==> flow/design.v <==
module gen_adder #(
    parameter NBITS = 7
) (
    input  wire clk,
    input  wire RSTN,
    input  wire [NBITS-1:0] dataa,
    input  wire [NBITS-1:0] datab,
    input  wire cin,
    output reg [NBITS-1:0] o,
    output reg carry
);
    wire [NBITS:0] val = dataa + datab + cin;
    always @(posedge clk or negedge RSTN) begin
        if (~RSTN) begin
            o <= 0;
            carry <= 1'b0;
        end else begin
            o <= val[NBITS-1:0];
            carry <= val[NBITS];
        end
    end
endmodule
Reports on gen_adder
The steps from the RTL of gen_adder to its reports follow in flow order.
Lines are those of the file above, counted from 1.
Not given: --
- top module: gen_adder
- clock port: clk
- standard-cell library: sky130hd
- library corner: tt_025C_1v80

Word-level counts
Counts by Yosys on the flattened word-level netlist (proc, flatten, opt, wreduce; memories kept). Register bits leave out memories and registers merged into their read ports (data or address); mux counts leave out enables and synchronous resets folded into registers. Print and check cells are left out. Cells with the same type and inputs are merged into one.
- flip-flop bits (word level) at 8
- bits of input ports at 17
- noted output and inout port bits: 8
- elaborated cells at 4
- noted add/sub/neg operators: 2
- operators with widths (cell ; count):
    adder 7 x 7 -> 8 bit ; 1
    adder 8 x 1 -> 8 bit ; 1

Logic depth
Depth = most cells in a row (Yosys ltp): at word level without a register or memory, in the mapped netlist without a sequential cell, where the memories' decode and read muxes count.
- depth in word-level cells at 2
- ABC_AREA: 0
- gate-level depth with buffers at 7
- mapped depth without buffers at 7

Netlist
The flow's flattened synthesis, as Yosys stat reports it; memories are mapped. The netlist is that of the ABC_AREA named above (0 if unset); the other value can give another one.
- cells in the netlist at 45
- noted synthesis area: 0.0005155 mm²
- sequential part of the area at 0.0002002 mm²
- flip-flop cells at 8
- buffers: 0
- cell types (cell ; count ; area in all (µm²)):
    sky130_fd_sc_hd__dfrtp_1 ; 8 ; 200.192
    sky130_fd_sc_hd__ha_1 ; 6 ; 75.072
    sky130_fd_sc_hd__fa_1 ; 2 ; 40.038
    sky130_fd_sc_hd__xnor2_1 ; 3 ; 26.275
    sky130_fd_sc_hd__inv_1 ; 6 ; 22.522
    sky130_fd_sc_hd__a21oi_1 ; 4 ; 20.019
    sky130_fd_sc_hd__o31a_4 ; 1 ; 17.517
    sky130_fd_sc_hd__a311oi_2 ; 1 ; 15.014
    sky130_fd_sc_hd__o21ai_0 ; 3 ; 15.014
    sky130_fd_sc_hd__nor2b_4 ; 1 ; 13.763
    sky130_fd_sc_hd__nor4_2 ; 1 ; 12.512
    sky130_fd_sc_hd__a311o_1 ; 1 ; 10.01
    sky130_fd_sc_hd__nor2b_2 ; 1 ; 8.758
    sky130_fd_sc_hd__nor2_1 ; 2 ; 7.507
    sky130_fd_sc_hd__nor3b_1 ; 1 ; 7.507
    sky130_fd_sc_hd__o21a_1 ; 1 ; 7.507
    sky130_fd_sc_hd__a31oi_1 ; 1 ; 6.256
    sky130_fd_sc_hd__nor2b_1 ; 1 ; 6.256
    sky130_fd_sc_hd__nand2_1 ; 1 ; 3.754

Timing after synthesis
Path of least setup slack by OpenSTA after synthesis, without wires, with an ideal clock, recovery checks aside; 20% of the period is set as input and as output delay. Where synthesis merged equal registers, the netlist keeps one of their names.
- path type: input port to flip-flop
- start point: input port dataa[0]
- end point: register o[6]
- noted clock period: 2370 ps
- external input delay: 474 ps
- library setup time: 126 ps
- time at the first pin: 474 ps
- arrival: 1863 ps
- data required time: 2244 ps
- noted path slack: 381 ps
- path delay at 1515 ps
- stages on the path at 6
- path buffers: 0
- synthesis period reached at 1989 ps
"path delay" = arrival - input delay + setup time.
"stages on the path": output pins that drive a net of the path, with the launching flip-flop's if there is one; two outputs of one cell count as two.
"synthesis period reached" is the clock period less the worst setup slack; recovery checks do not enter. This is arithmetic on one report: input and output delays are still those of the set period (20% each).
The rows between start and end are the longest chain of elaborated cells between them; the timing report does not say that the signal goes this way. Where chains are equally long, one stands for them.
A line is the first line of the expression or statement that the cell stems from. Yosys adds cells for indexed reads and writes and turns some case tables into memories.
- cell sequence: sky130_fd_sc_hd__fa_1 sky130_fd_sc_hd__inv_1 sky130_fd_sc_hd__fa_1 sky130_fd_sc_hd__nor2b_4 sky130_fd_sc_hd__o31a_4 sky130_fd_sc_hd__a311o_1
- length of the longest elaborated chain: 2
- elaborated cells on any way between the ends: 2
- RTL lines with such cells: 1
- those cells by class: add/sub (2)
- ends and longest elaborated chain, post-synthesis (what ; RTL line ; RTL):
    start: declaration ; 6 ; input  wire [NBITS-1:0] dataa,
    adder 7 x 7 -> 8 bit ; 12 ; wire [NBITS:0] val = dataa + datab + cin;
    adder 8 x 1 -> 8 bit ; 12 ;
    end: assignment ; 15 ; o <= 0;
    end: assignment ; 18 ; o <= val[NBITS-1:0];
    end: declaration ; 9 ; output reg [NBITS-1:0] o,

Worst path after layout
From the final timing report of flow run A: the path of least setup slack in the routed layout; clock arrival at registers is part of the times.
The report prints the path's times to 10 ps; the period is as set.
- path type: input port to flip-flop
- start point: input port dataa[0]
- end point: register o[6]
- noted clock period: 2370 ps
- external input delay: 470 ps
- library setup time: 120 ps
- time at the first pin: 470 ps
- arrival: 2370 ps
- data required time: 2490 ps
- noted path slack: 120 ps
- stages on the path at 7
- path buffers: 1
The rows between start and end are the longest chain of elaborated cells between them; the timing report does not say that the signal goes this way. Where chains are equally long, one stands for them.
- cell sequence: sky130_fd_sc_hd__clkdlybuf4s50_1 sky130_fd_sc_hd__fa_1 sky130_fd_sc_hd__inv_1 sky130_fd_sc_hd__fa_1 sky130_fd_sc_hd__nor2b_4 sky130_fd_sc_hd__o31a_4 sky130_fd_sc_hd__a311o_1
- length of the longest elaborated chain: 2
- elaborated cells on any way between the ends: 2
- RTL lines with such cells: 1
- those cells by class: add/sub (2)
- ends and longest elaborated chain, after layout (what ; RTL line ; RTL):
    start: declaration ; 6 ; input  wire [NBITS-1:0] dataa,
    adder 7 x 7 -> 8 bit ; 12 ; wire [NBITS:0] val = dataa + datab + cin;
    adder 8 x 1 -> 8 bit ; 12 ;
    end: assignment ; 15 ; o <= 0;
    end: assignment ; 18 ; o <= val[NBITS-1:0];
    end: declaration ; 9 ; output reg [NBITS-1:0] o,

Wiki page: gen_adder / flow data

Stored flow runs of gen_adder (3 of them; Yosys, OpenROAD, sky130hd). They differ in their settings and are not a sequence. Constraints: input delay and output delay 20% of the set period each, output load 0.01 pF.
"critical path time" is the time allowed to the run's worst setup path (the clock period less input and output delay, where it has them) less its slack. Clock arrival times count: a late capture clock shortens it, a late launch clock lengthens it.
"critical path time" is known to 10 ps.

Flow run A
Settings were period_ns = 2.37; CAP_MARGIN = 20; CORE_MARGIN = 2; CORE_UTILIZATION = 40; SLEW_MARGIN = 20
- noted the synthesized cell area: 0.0005155 mm²
- die area at 0.001592 mm²
- area of the standard cells in the finished layout: 0.0008033 mm²
- post-layout utilization: 69.5 %
- setup slack of the critical path: 121 ps
- setup total negative slack: 0 ps
- noted the critical path time: 1770 ps
- type of the worst setup path: input port to flip-flop

Flow run B
Settings were period_ns = 1.75; CORE_UTILIZATION = 38; SETUP_SLACK_MARGIN = 0.18; PLACE_DENSITY_LB_ADDON = 0.06; CORE_ASPECT_RATIO = 1.2; CORE_MARGIN = 5; CELL_PAD_IN_SITES_GLOBAL_PLACEMENT = 1; GPL_TIMING_DRIVEN = 1; CTS_CLUSTER_SIZE = 16; CTS_CLUSTER_DIAMETER = 178; CAP_MARGIN = 5; MIN_ROUTING_LAYER = met1; MAX_ROUTING_LAYER = met4; SLEW_MARGIN = 20
- noted the synthesized cell area: 0.0005155 mm²
- die area at 0.0021961 mm²
- area of the standard cells in the finished layout: 0.0009121 mm²
- post-layout utilization: 72.3 %
- setup slack of the critical path: 148 ps
- setup total negative slack: 0 ps
- noted the critical path time: 1250 ps
- type of the worst setup path: input port to flip-flop

Flow run C
Settings were period_ns = 1.4; CORE_UTILIZATION = 16; SETUP_SLACK_MARGIN = 0.15; PLACE_DENSITY = 0.5; CORE_ASPECT_RATIO = 0.71; CORE_MARGIN = 6; GPL_ROUTABILITY_DRIVEN = 0; CTS_CLUSTER_SIZE = 70; CTS_CLUSTER_DIAMETER = 272; CAP_MARGIN = 20; SLEW_MARGIN = 20
- noted the synthesized cell area: 0.0005155 mm²
- die area at 0.0047484 mm²
- area of the standard cells in the finished layout: 0.0009572 mm²
- post-layout utilization: 33.0 %
- setup slack of the critical path: -225 ps
- setup total negative slack: -402 ps
- noted the critical path time: 1350 ps
- type of the worst setup path: input port to flip-flop
